==> flow/design.v <==
module dp_add_core #(
  parameter NBITS = 24
) (
  input sys_clk,
  input aresetn,
  input ce,
  input [NBITS-1:0] A_i,
  input [NBITS-1:0] B_i,
  output [NBITS-1:0] total_o
);
  reg [NBITS-1:0] A_r;
  reg [NBITS-1:0] B_r;
  reg [NBITS:0] t_r;
  reg [NBITS-1:0] total_r;
  assign total_o = total_r;
  always @(posedge sys_clk or negedge aresetn) begin
    if (!aresetn) begin
      A_r <= 0;
      B_r <= 0;
      t_r <= 0;
      total_r <= 0;
    end else if (ce) begin
      A_r <= A_i;
      B_r <= B_i;
      t_r <= A_r + B_r;
      total_r <= t_r[NBITS] ? {NBITS{1'b1}} : t_r[NBITS-1:0];
    end
  end
endmodule
# ---- Tool chain data of dp_add_core
# Tool output for the design above, in the order of the flow.
# Line numbers count from 1 in the design file above.
# Operators carry their Yosys type and port widths (W data, S select, Z words).
# Library cell names are shortened.
# A cell with - has no value.
dict set report design {
  top_module {dp_add_core}
  clock {sys_clk}
  cell_library {sky130hd}
  pvt_corner {tt_025C_1v80}
}

# ---- After elaboration
# Source: Yosys, flattened and elaborated, memories not mapped. Widths are those after wreduce; folded enables and synchronous resets count as part of the registers. Registers that Yosys merges into a memory's read port (data or address) are not register bits. Print and check cells do not count. Equal cells are merged and count once.
dict set report bits {
  register_bits 97
  inputBits 51
  out_inout_bits 24
  word_cells 6
}
dict set report op_classes {
  addsub 1
  muxes 1
}
# operator n
set ops {}
lappend ops {{$add A24 B24 Y25} 1}
lappend ops {{$mux W24} 1}

# ---- Longest topological paths
# Longest topological path by Yosys (ltp), each cell counted once; first at word level (registers and memories cut), then after technology mapping (sequential cells cut; the memories' decode and read muxes count).
dict set report logic_depth {
  depth_word 1
  ABC_AREA 0
  mapped_depth 8
  ltp_nobuf 8
}

# ---- Synthesis result
# Source: synth_stat.txt of the flow (Yosys; design flattened, memories mapped). It holds for the ABC_AREA given above (unset counts as 0); a run with the other value may have another netlist.
# cell n area_total_um2
set types {}
lappend types {dfrtp_1 97 2.43E+03}
lappend types {mux2_2 62 698.17}
lappend types {ha_1 24 300.288}
lappend types {a21oi_1 47 235.226}
lappend types {nor2_1 57 213.955}
lappend types {nand2_1 32 120.115}
lappend types {xnor2_1 7 61.309}
lappend types {xor2_1 7 61.309}
lappend types {clkbuf_1 16 60.058}
lappend types {o211ai_2 4 50.048}
lappend types {nand3_1 8 40.038}
lappend types {nand4_1 6 37.536}
lappend types {o21a_1 5 37.536}
lappend types {o21ai_0 7 35.034}
lappend types {o21ai_1 6 30.029}
lappend types {a211o_1 3 26.275}
lappend types {a21oi_2 3 26.275}
lappend types {o2111ai_1 3 26.275}
# Not listed: further types 30, cells in them 53.
dict set report mapped {
  cells 447
  yosys_area_um2 4872.2
  seqArea_um2 2427.3
  ff_cells 97
  buffers 20
}

# ---- Timing after synthesis
# Path of least setup slack by OpenSTA after synthesis, without wires, with an ideal clock, recovery checks aside; 20% of the period is set as input and as output delay. Where synthesis merged equal registers, the netlist keeps one of their names.
dict set report synth_timing {
  kind {reg-to-reg}
  startpoint {register A_r[0]}
  endpoint {register t_r[10]}
  period_ns 2.65
  setup_time_ns 0.125
  t_first_pin_ns 0.000
  t_arrival_ns 1.991
  required_time_ns 2.525
  setup_slack_ns 0.534
  path_delay_ns 2.116
  path_stages 9
  n_path_buf 0
  synth_period_reached_ns 2.116
}
# "path_delay_ns" is the arrival time less input delay plus setup time.
# "path_stages" counts driving pins, that of a launching flip-flop among them; a cell with two outputs on the path counts twice.
# "synth_period_reached_ns" = period - worst setup slack (recovery checks aside). The figure is calculated, with input and output delays left at 20% of the set period.
# The rows between start and end are the longest chain of elaborated cells between them; the timing report does not say that the signal goes this way. Where chains are equally long, one stands for them.
# A line is the first line of the expression or statement that the cell stems from. Yosys adds cells for indexed reads and writes and turns some case tables into memories.
dict set report synth_via {
  cell_sequence {dfrtp_1 -> ha_1 -> fa_1 -> a21oi_1 -> o211ai_2 -> a21boi_2 -> o21ai_1 -> xor2_1 -> mux2_2}
  elab_chain_len 1
  cells_between 1
  cone_lines 1
  classes_between {1 x add/sub}
}
# item line
set synth_lines {}
lappend synth_lines {{start: declaration} 11} ;# reg [NBITS-1:0] A_r;
lappend synth_lines {{start: assignment} 18} ;# A_r <= 0;
lappend synth_lines {{start: assignment} 23} ;# A_r <= A_i;
lappend synth_lines {{$add A24 B24 Y25} 25} ;# t_r <= A_r + B_r;
lappend synth_lines {{end: assignment} 20} ;# t_r <= 0;
lappend synth_lines {{end: assignment} 25}
lappend synth_lines {{end: declaration} 13} ;# reg [NBITS:0] t_r;

# ---- Path in the finished layout
# From the final timing report of record 1: the path of least setup slack in the routed layout; clock arrival at registers is part of the times.
dict set report layout_timing {
  kind {reg-to-reg}
  startpoint {register A_r[6]}
  endpoint {register t_r[15]}
  period_ns 2.65
  setup_time_ns 0.11
  t_first_pin_ns 0.35
  t_arrival_ns 2.61
  required_time_ns 2.89
  setup_slack_ns 0.28
  path_stages 8
  n_path_buf 0
}
# The rows between start and end are the longest chain of elaborated cells between them; the timing report does not say that the signal goes this way. Where chains are equally long, one stands for them.
dict set report layout_via {
  cell_sequence {dfrtp_1 -> ha_1 -> a21oi_1 -> o211ai_2 -> a211oi_1 -> nor2_1 -> xor2_1 -> mux2_2}
  elab_chain_len 1
  cells_between 1
  cone_lines 1
  classes_between {1 x add/sub}
}
# item line
set layout_lines {}
lappend layout_lines {{start: declaration} 11} ;# reg [NBITS-1:0] A_r;
lappend layout_lines {{start: assignment} 18} ;# A_r <= 0;
lappend layout_lines {{start: assignment} 23} ;# A_r <= A_i;
lappend layout_lines {{$add A24 B24 Y25} 25} ;# t_r <= A_r + B_r;
lappend layout_lines {{end: assignment} 20} ;# t_r <= 0;
lappend layout_lines {{end: assignment} 25}
lappend layout_lines {{end: declaration} 13} ;# reg [NBITS:0] t_r;

; 3 stored runs of dp_add_core in the flow (synthesis by Yosys, layout by OpenROAD, sky130hd cells), in arbitrary order. Constraints: input delay and output delay 20% of the set period each, output load 0.01 pF.
; "period_reached_ns" means the clock period less the worst setup slack. The figure is calculated, with input and output delays left at 20% of the set period.
; "worst_setup_path_time_ns" is the time allowed to the run's worst setup path (the clock period less input and output delay, where it has them) less its slack. Clock arrival times count: a late capture clock shortens it, a late launch clock lengthens it.

[record 1: settings]
period_ns = 2.65
CAP_MARGIN = 20
CORE_MARGIN = 2
CORE_UTILIZATION = 40
SLEW_MARGIN = 20
[record 1: results]
setup_worst_slack_ns = 0.277
worst_setup_path_time_ns = 2.37
timing.worst_path_kind = reg-to-reg
finalCellArea_um2 = 6065.8
period_reached_ns = 2.373
final_die_area_um2 = 13079.4
synth_chip_area_um2 = 4872.2

[record 2: settings]
period_ns = 3.53
CORE_UTILIZATION = 31
SETUP_SLACK_MARGIN = 0.03
PLACE_DENSITY_LB_ADDON = 0.17
CORE_ASPECT_RATIO = 0.59
CORE_MARGIN = 4
TNS_END_PERCENT = 95
ABC_AREA = 1
CTS_CLUSTER_DIAMETER = 364
CAP_MARGIN = 20
SLEW_MARGIN = 20
[record 2: results]
setup_worst_slack_ns = 1.525
worst_setup_path_time_ns = 2.01
timing.worst_path_kind = reg-to-reg
finalCellArea_um2 = 6728.9
period_reached_ns = 2.005
final_die_area_um2 = 19768.3
synth_chip_area_um2 = 5429.0

[record 3: settings]
period_ns = 2.3
CORE_UTILIZATION = 59
PLACE_DENSITY_LB_ADDON = 0.28
CORE_ASPECT_RATIO = 1.78
TNS_END_PERCENT = 55
CAP_MARGIN = 20
SLEW_MARGIN = 0
CORE_MARGIN = 2
[record 3: results]
setup_worst_slack_ns = 0.035
worst_setup_path_time_ns = 2.27
timing.worst_path_kind = reg-to-reg
finalCellArea_um2 = 6182.2
period_reached_ns = 2.265
final_die_area_um2 = 9031.1
synth_chip_area_um2 = 4872.2
